==> flow/design.v <==
module alu_compare_stage #(
    parameter DWIDTH = 12
) (
    input  aclk,
    input  reset,
    input  [DWIDTH-1:0] lhs,
    input  [DWIDTH-1:0] rhs,
    output [DWIDTH-1:0] mn,
    output [DWIDTH-1:0] mx
);
    reg [DWIDTH-1:0] lhs_s;
    reg [DWIDTH-1:0] rhs_s;
    always @(posedge aclk) begin
        if (reset) begin
            lhs_s <= 0;
            rhs_s <= 0;
        end else begin
            lhs_s <= lhs;
            rhs_s <= rhs;
        end
    end
    wire work;
    assign work = lhs_s < rhs_s;
    reg [DWIDTH-1:0] mn_s;
    always @(posedge aclk) begin
        if (reset) begin
            mn_s <= 0;
        end else begin
            mn_s <= work ? lhs_s : rhs_s;
        end
    end
    assign mn = mn_s;
    reg [DWIDTH-1:0] mx_s;
    always @(posedge aclk) begin
        if (reset) begin
            mx_s <= 0;
        end else begin
            mx_s <= work ? rhs_s : lhs_s;
        end
    end
    assign mx = mx_s;
endmodule
Memo
Re: synthesis data of alu_compare_stage

From RTL to reports: alu_compare_stage. Tool output for the members of one design family, told apart by "DWIDTH", in the order of the flow. The RTL above is that of DWIDTH = 12; lines are counted from 1 in the file of the member named. Cell names lack the library's common part. A cell with n/a has no value.

Design top: alu_compare_stage. Clock: aclk. Cell library: sky130hd. Library corner: tt_025C_1v80.

Source of the members. Lines of each other member's file that are new or changed against the file above; lines that a member lacks are not shown.

Lines new or changed: DWIDTH 16 (RTL line 2) `parameter DWIDTH = 16`; DWIDTH 96 (RTL line 2) `parameter DWIDTH = 96`.

Elaborated design. Yosys after proc, flatten, opt, wreduce and memory -nomap, before mapping. Enables and synchronous resets that opt folds into registers are not counted as muxes. Memory bits, and registers merged into a memory's read port (data or address), are not among the register bits. Print and check cells are not counted. Equal cells are merged and count once.

Storage and ports: DWIDTH 12 (flip-flop bits (word level) 48, bits of input ports 26, output and inout bits 24, elaborated cells 7); DWIDTH 16 (flip-flop bits (word level) 64, bits of input ports 34, output and inout bits 32, elaborated cells 7); DWIDTH 96 (flip-flop bits (word level) 384, bits of input ports 194, output and inout bits 192, elaborated cells 7).

Operators by class: DWIDTH 12 ($lt $le $gt $ge 1, multiplexer cells 2); DWIDTH 16 ($lt $le $gt $ge 1, multiplexer cells 2); DWIDTH 96 ($lt $le $gt $ge 1, multiplexer cells 2).

Operators with widths (kinds with counts): DWIDTH 12 (2-to-1 mux 12 bit (2); less-than comparator 12 bit (1)); DWIDTH 16 (2-to-1 mux 16 bit (2); less-than comparator 16 bit (1)); DWIDTH 96 (2-to-1 mux 96 bit (2); less-than comparator 96 bit (1)).

Depth. Yosys ltp: most cells in a row. Word level: on the elaborated netlist, between registers, memories and ports. Mapped: between sequential cells and ports; inverters and the memories' decode and read muxes count.

Logic depth: DWIDTH 12 (word-level depth 2, ABC_AREA 0, depth in mapped cells 7, mapped depth without buffers 6); DWIDTH 16 (word-level depth 2, ABC_AREA 0, depth in mapped cells 9, mapped depth without buffers 7); DWIDTH 96 (word-level depth 2, ABC_AREA 0, depth in mapped cells 12, mapped depth without buffers 9).

Mapped cells and area. Yosys stat after the flow's synthesis: flattened, memories mapped to cells. It holds for the ABC_AREA given above (unset counts as 0); a run with the other value may have another netlist.

Synthesis totals: DWIDTH 12 (standard cells after synthesis 168, synthesis area 1845.5 sq um, area of sequential cells 960.9 sq um, mapped flip-flops 48, buffers 7); DWIDTH 16 (standard cells after synthesis 220, synthesis area 2506.2 sq um, area of sequential cells 1281.2 sq um, mapped flip-flops 64, buffers 10); DWIDTH 96 (standard cells after synthesis 1363, synthesis area 14790.4 sq um, area of sequential cells 7687.4 sq um, mapped flip-flops 384, buffers 65).

Cells by type (types with counts): DWIDTH 12 (dfxtp_1 (48); mux2i_1 (24); nor2b_1 (24); nand2b_1 (23); ha_1 (11); inv_1 (11); a21oi_1 (5); buf_6 (2); clkbuf_1 (5); nand2_1 (5); a221oi_2 (1); nand2b_4 (1); nor4_2 (1); a221o_1 (1); o21ai_0 (2); a21oi_2 (1); or2b_1 (1); o21ai_1 (1); nor2_1 (1)); DWIDTH 16 (dfxtp_1 (64); mux2i_1 (32); nor2b_1 (33); nand2b_1 (31); ha_1 (15); inv_1 (16); a2111oi_4 (2); clkbuf_1 (7); a21o_1 (3); nand4_1 (3); a2111oi_2 (1); a221oi_2 (1); buf_4 (2); nand2b_4 (1); o211ai_2 (1); a2111o_1 (1); buf_6 (1); a21oi_1 (2); [+4]); DWIDTH 96 (dfxtp_1 (384); mux2i_1 (192); nand2b_1 (193); nor2b_1 (192); ha_1 (95); inv_1 (95); a21oi_1 (37); clkbuf_1 (43); nand4_1 (16); nand2_1 (24); buf_8 (5); buf_6 (5); and4_1 (6); buf_4 (6); o21ai_0 (9); o21a_1 (5); a211o_1 (4); nand3_1 (7); [+45]).

The mark [+n] counts cells that are not listed.

Path before layout. Path of least setup slack by OpenSTA after synthesis, without wires, with an ideal clock, recovery checks aside; 20% of the period is set as input and as output delay. Where synthesis merged equal registers, the netlist keeps one of their names.

Timing path post-synthesis: DWIDTH 12 (kind register to register, start point register rhs_s[5], end point register mn_s[10], period 2.14 ns, setup slack 0.426 ns, stages 8, delay of the path 1.714 ns, synthesis period reached 1.714 ns); DWIDTH 16 (kind register to register, start point register rhs_s[9], end point register mn_s[11], period 2.86 ns, setup slack 0.574 ns, stages 9, delay of the path 2.286 ns, synthesis period reached 2.286 ns); DWIDTH 96 (kind register to register, start point register rhs_s[2], end point register mx_s[46], period 3.11 ns, setup slack 0.622 ns, stages 13, delay of the path 2.488 ns, synthesis period reached 2.488 ns).

"delay of the path" is the arrival time less input delay plus setup time. "stages" counts driving pins, that of a launching flip-flop among them; a cell with two outputs on the path counts twice. "synthesis period reached" = period - worst setup slack (recovery checks aside). The figure is calculated, with input and output delays left at 20% of the set period. The rows between start and end are the longest chain of elaborated cells between them; the timing report does not say that the signal goes this way. Where chains are equally long, one stands for them. Each line given opens the expression or statement behind the cell; cells for indexed reads and writes are added by Yosys, which also makes memories of some case tables.

On the way, post-synthesis, DWIDTH = 12:
Under cells in the longest elaborated chain stands 2.

RTL lines, path post-synthesis, DWIDTH = 12: start: declaration (RTL line 12) `reg [DWIDTH-1:0] rhs_s;`; start: assignment (RTL line 16) `rhs_s <= 0;`; start: assignment (RTL line 19) `rhs_s <= rhs;`; less-than comparator 12 bit (RTL line 23) `assign work = lhs_s < rhs_s;`; 2-to-1 mux 12 bit (RTL line 29) `mn_s <= work ? lhs_s : rhs_s;`; end: assignment (RTL line 27) `mn_s <= 0;`; end: assignment (RTL line 29); end: declaration (RTL line 24) `reg [DWIDTH-1:0] mn_s;`.

On the way, post-synthesis, DWIDTH = 96:
Under cells in the longest elaborated chain stands 2.

RTL lines, path post-synthesis, DWIDTH = 96: start: declaration (RTL line 12) `reg [DWIDTH-1:0] rhs_s;`; start: assignment (RTL line 16) `rhs_s <= 0;`; start: assignment (RTL line 19) `rhs_s <= rhs;`; less-than comparator 96 bit (RTL line 23) `assign work = lhs_s < rhs_s;`; 2-to-1 mux 96 bit (RTL line 38) `mx_s <= work ? rhs_s : lhs_s;`; end: assignment (RTL line 36) `mx_s <= 0;`; end: assignment (RTL line 38); end: declaration (RTL line 33) `reg [DWIDTH-1:0] mx_s;`.

Timing after layout. From the final timing report of the run of each member: the path of least setup slack in the routed layout; clock arrival at registers is part of the times.

Timing path post-layout: DWIDTH 12 (kind register to register, start point register rhs_s[11], end point register mn_s[11], period 2.14 ns, setup slack 0.23 ns, stages 7, arrival 2.13 ns, path buffers 0); DWIDTH 16 (kind register to register, start point register rhs_s[11], end point register mn_s[5], period 2.86 ns, setup slack 0.56 ns, stages 9, arrival 2.56 ns, path buffers 1); DWIDTH 96 (kind register to register, start point register rhs_s[19], end point register mn_s[93], period 3.11 ns, setup slack 0.26 ns, stages 12, arrival 3.30 ns, path buffers 2).

Measured runs. Settings and results of one run of the flow (Yosys, OpenROAD) for each member follow. The constraints put input and output delay at 20% of the set period each and load the outputs with 0.01 pF.

The entry for CAP_MARGIN reads 20. Under CORE_MARGIN stands 2. For CORE_UTILIZATION the number is 40. The figure for SLEW_MARGIN is 20.

Settings that differ (period_ns): DWIDTH 12 (2.14); DWIDTH 16 (2.86); DWIDTH 96 (3.11).

Measured results: DWIDTH 12 (post-synthesis cell area 1845.5 sq um, die footprint 5173.2 sq um, standard-cell area after layout 2529.9 sq um, final utilization 0.573, setup slack of the worst path 0.233 ns, final setup TNS 0.000 ns, worst hold slack in the final report 0.505 ns, power 2.013 mW); DWIDTH 16 (post-synthesis cell area 2506.2 sq um, die footprint 6914.8 sq um, standard-cell area after layout 3437.1 sq um, final utilization 0.574, setup slack of the worst path 0.557 ns, final setup TNS 0.000 ns, worst hold slack in the final report 0.495 ns, power 2.075 mW); DWIDTH 96 (post-synthesis cell area 14790.4 sq um, die footprint 38529.8 sq um, standard-cell area after layout 20739.9 sq um, final utilization 0.568, setup slack of the worst path 0.262 ns, final setup TNS 0.000 ns, worst hold slack in the final report 0.471 ns, power 12.502 mW).

"power" is the tool's figure for a default switching activity; nothing was simulated.
